==> flow/design.v <==
module shft_p #(
    parameter integer XLEN = 28,
    parameter integer LG = $clog2(XLEN)
) (
    input wire ck,
    input wire aresetn,
    input wire [XLEN-1:0] in,
    input wire [LG-1:0] dist_in,
    output reg [XLEN-1:0] data_out
);
    reg [XLEN-1:0] nxt;
    integer n;
    always @(*) begin
        nxt = in;
        for (n = 0; n < LG; n = n + 1)
            if (dist_in[n]) nxt = nxt >> (1 << n);
    end
    always @(posedge ck) begin
        if (!aresetn) begin
            data_out <= 0;
        end else begin
            data_out <= nxt;
        end
    end
endmodule
# Reports on shft_p
# Tool output for the design above, in the order of the flow.
# Line numbers count from 1 in the design file above.
# The mark - stands for no value.
# design
top,shft_p
clk_port,ck
lib,sky130hd
lib_corner,tt_025C_1v80

# Elaborated design
# Source: Yosys, flattened and elaborated, memories not mapped. Widths are those after wreduce. Registers that Yosys merges into a memory's read port (data or address) are not register bits. Print and check cells do not count. Equal cells are merged and count once.
# word_totals
register_bits,28
input_bits,35
out_inout_bits,28
wordCells,9
# classes
n_mux,5
bitwise,1
reduce_and_logical,1
# op_table
cell,count
28-bit two-way mux,4
12-bit two-way mux,1
2-bit OR reduction,1
1-bit NOT,1

# Longest topological paths
# Longest topological path by Yosys (ltp), each cell counted once; first at word level (registers and memories cut), then after technology mapping (sequential cells cut; the memories' decode and read muxes count).
# logic_depth
word_depth,5
ABC_AREA,0
depth_mapped,7
depth_no_buf,4

# Mapped cells and area
# Source: synth_stat.txt of the flow (Yosys; design flattened, memories mapped). It holds for the ABC_AREA given above (unset counts as 0); a run with the other value may have another netlist.
# synth_totals
stdcells,184
yosys_area_um2,2119.5
sequential_area_um2,560.5
ffs,28
buffers,16
# by_type
type,count,type_area_um2
sky130_fd_sc_hd__dfxtp_1,28,560.538
sky130_fd_sc_hd__mux4_1,16,420.403
sky130_fd_sc_hd__mux4_2,10,225.216
sky130_fd_sc_hd__mux2i_1,17,170.163
sky130_fd_sc_hd__mux2_2,8,90.086
sky130_fd_sc_hd__nor2_1,18,67.565
sky130_fd_sc_hd__o221ai_1,6,52.55
sky130_fd_sc_hd__a2bb2oi_1,5,43.792
sky130_fd_sc_hd__nand3_1,7,35.034
sky130_fd_sc_hd__buf_6,3,33.782
sky130_fd_sc_hd__nor2b_1,5,31.28
sky130_fd_sc_hd__a32o_1,3,30.029
sky130_fd_sc_hd__nand2_1,8,30.029
sky130_fd_sc_hd__a32oi_1,3,26.275
sky130_fd_sc_hd__buf_2,5,25.024
sky130_fd_sc_hd__nand2b_1,4,25.024
sky130_fd_sc_hd__buf_12,1,20.019
sky130_fd_sc_hd__o21ai_0,4,20.019
# Not listed: further types 20, cells in them 33.

# Path before layout
# OpenSTA on the mapped netlist: ideal clock, no wires. The path of least setup slack (recovery checks aside). Input and output delay are each 20% of the period. Register names are those of the netlist, which keeps one name where synthesis merged equal registers.
# synth_timing
path_kind,input to register
from,input dist_in[0]
to,register data_out[3]
period_ps,2190
in_delay_ps,438
setup_ps,135
t_first_pin_ps,438
t_arrival_ps,1702
required_ps,2055
path_slack_ps,353
delay_ps,1399
stages,6
path_buffers,2
synth_period_reached_ps,1837
# "delay_ps" = arrival - input delay + setup time.
# "stages": output pins that drive a net of the path, with the launching flip-flop's if there is one; two outputs of one cell count as two.
# "synth_period_reached_ps" is the clock period less the worst setup slack; recovery checks do not enter. This is arithmetic on one report: input and output delays are still those of the set period (20% each).
# The rows between start and end are the longest chain of elaborated cells between them; the timing report does not say that the signal goes this way. Where chains are equally long, one stands for them.
# Each line given opens the expression or statement behind the cell; cells for indexed reads and writes are added by Yosys, which also makes memories of some case tables.
# synth_between
cell_sequence,sky130_fd_sc_hd__buf_6 sky130_fd_sc_hd__buf_6 sky130_fd_sc_hd__mux4_1 sky130_fd_sc_hd__a32o_1 sky130_fd_sc_hd__a41oi_1 sky130_fd_sc_hd__o221ai_1
elab_chain_len,5
cone_cells,5
lines_between,1
cone_classes,mux (5)
# synth_lines
element,line,source
"start, declared",8,"input wire [LG-1:0] dist_in,"
28-bit two-way mux (4 in a row),16,if (dist_in[n]) nxt = nxt >> (1 << n);
12-bit two-way mux,16,
"end, assigned",20,data_out <= 0;
"end, assigned",22,data_out <= nxt;
"end, declared",9,output reg [XLEN-1:0] data_out

# Worst path after layout
# From the final timing report of record 1: the path of least setup slack in the routed layout; clock arrival at registers is part of the times.
# The report prints the path's times to 10 ps; the period is as set.
# layout_timing
path_kind,input to register
from,input dist_in[1]
to,register data_out[0]
period_ps,2190
in_delay_ps,440
setup_ps,120
t_first_pin_ps,440
t_arrival_ps,2260
required_ps,2340
path_slack_ps,80
stages,6
path_buffers,2
# The rows between start and end are the longest chain of elaborated cells between them; the timing report does not say that the signal goes this way. Where chains are equally long, one stands for them.
# layout_between
cell_sequence,sky130_fd_sc_hd__clkdlybuf4s50_1 sky130_fd_sc_hd__buf_12 sky130_fd_sc_hd__mux4_2 sky130_fd_sc_hd__a22o_1 sky130_fd_sc_hd__a21oi_1 sky130_fd_sc_hd__o221ai_1
elab_chain_len,4
cone_cells,4
lines_between,1
cone_classes,mux (4)
# layout_lines
element,line,source
"start, declared",8,"input wire [LG-1:0] dist_in,"
28-bit two-way mux (3 in a row),16,if (dist_in[n]) nxt = nxt >> (1 << n);
12-bit two-way mux,16,
"end, assigned",20,data_out <= 0;
"end, assigned",22,data_out <= nxt;
"end, declared",9,output reg [XLEN-1:0] data_out

# Measured results for shft_p: 3 stored runs of the Yosys and OpenROAD flow on sky130hd. The settings differ; the order carries no meaning. The constraints put input and output delay at 20% of the set period each and load the outputs with 0.01 pF.
# "achieved_clock_period_ps": clock period set for the run, less the worst setup slack. It is reckoned from that one timing run; input and output delays stay at 20% of the period that was set.
# "worstPathTime_ps" is the time allowed to the run's worst setup path (the clock period less input and output delay, where it has them) less its slack. Clock arrival times count: a late capture clock shortens it, a late launch clock lengthens it.
# "power_uw" rests on the timing tool's default activity at the inputs, not on a simulated workload.
# "worstPathTime_ps" is known to 10 ps.
# Among the settings, -- means not set for that run.
item,record 1,record 2,record 3
period_ns,2.19,2.68,2.44
CAP_MARGIN,20,20,0
CORE_MARGIN,2,2,2
CORE_UTILIZATION,40,66,41
SLEW_MARGIN,20,20,20
PLACE_DENSITY_LB_ADDON,--,0.07,0.29
HOLD_SLACK_MARGIN,--,-0.03,--
CORE_ASPECT_RATIO,--,0.64,--
GPL_TIMING_DRIVEN,--,0,--
CTS_CLUSTER_SIZE,--,92,--
MAX_ROUTING_LAYER,--,met4,met4
SETUP_SLACK_MARGIN,--,--,0.44
CELL_PAD_IN_SITES_GLOBAL_PLACEMENT,--,--,1
TNS_END_PERCENT,--,--,25
ABC_AREA,--,--,1
setup_ws_ps,76,264,697
achieved_clock_period_ps,2114,2416,1743
die_area_um2,5897.5,3692.0,5541.3
finish.stdcell_area_um2,3305.7,2811.4,2700.1
power_uw,1557,1156,1142
finish.utilization_pct,64.7,91.8,56.8
ws_hold_ps,965,839,957
worstPathTime_ps,1680,1880,1250
worst_path_kind,input to register,input to register,input to register
ys_area_um2,2119.5,2119.5,2034.5
tns_setup_ps,0,0,0
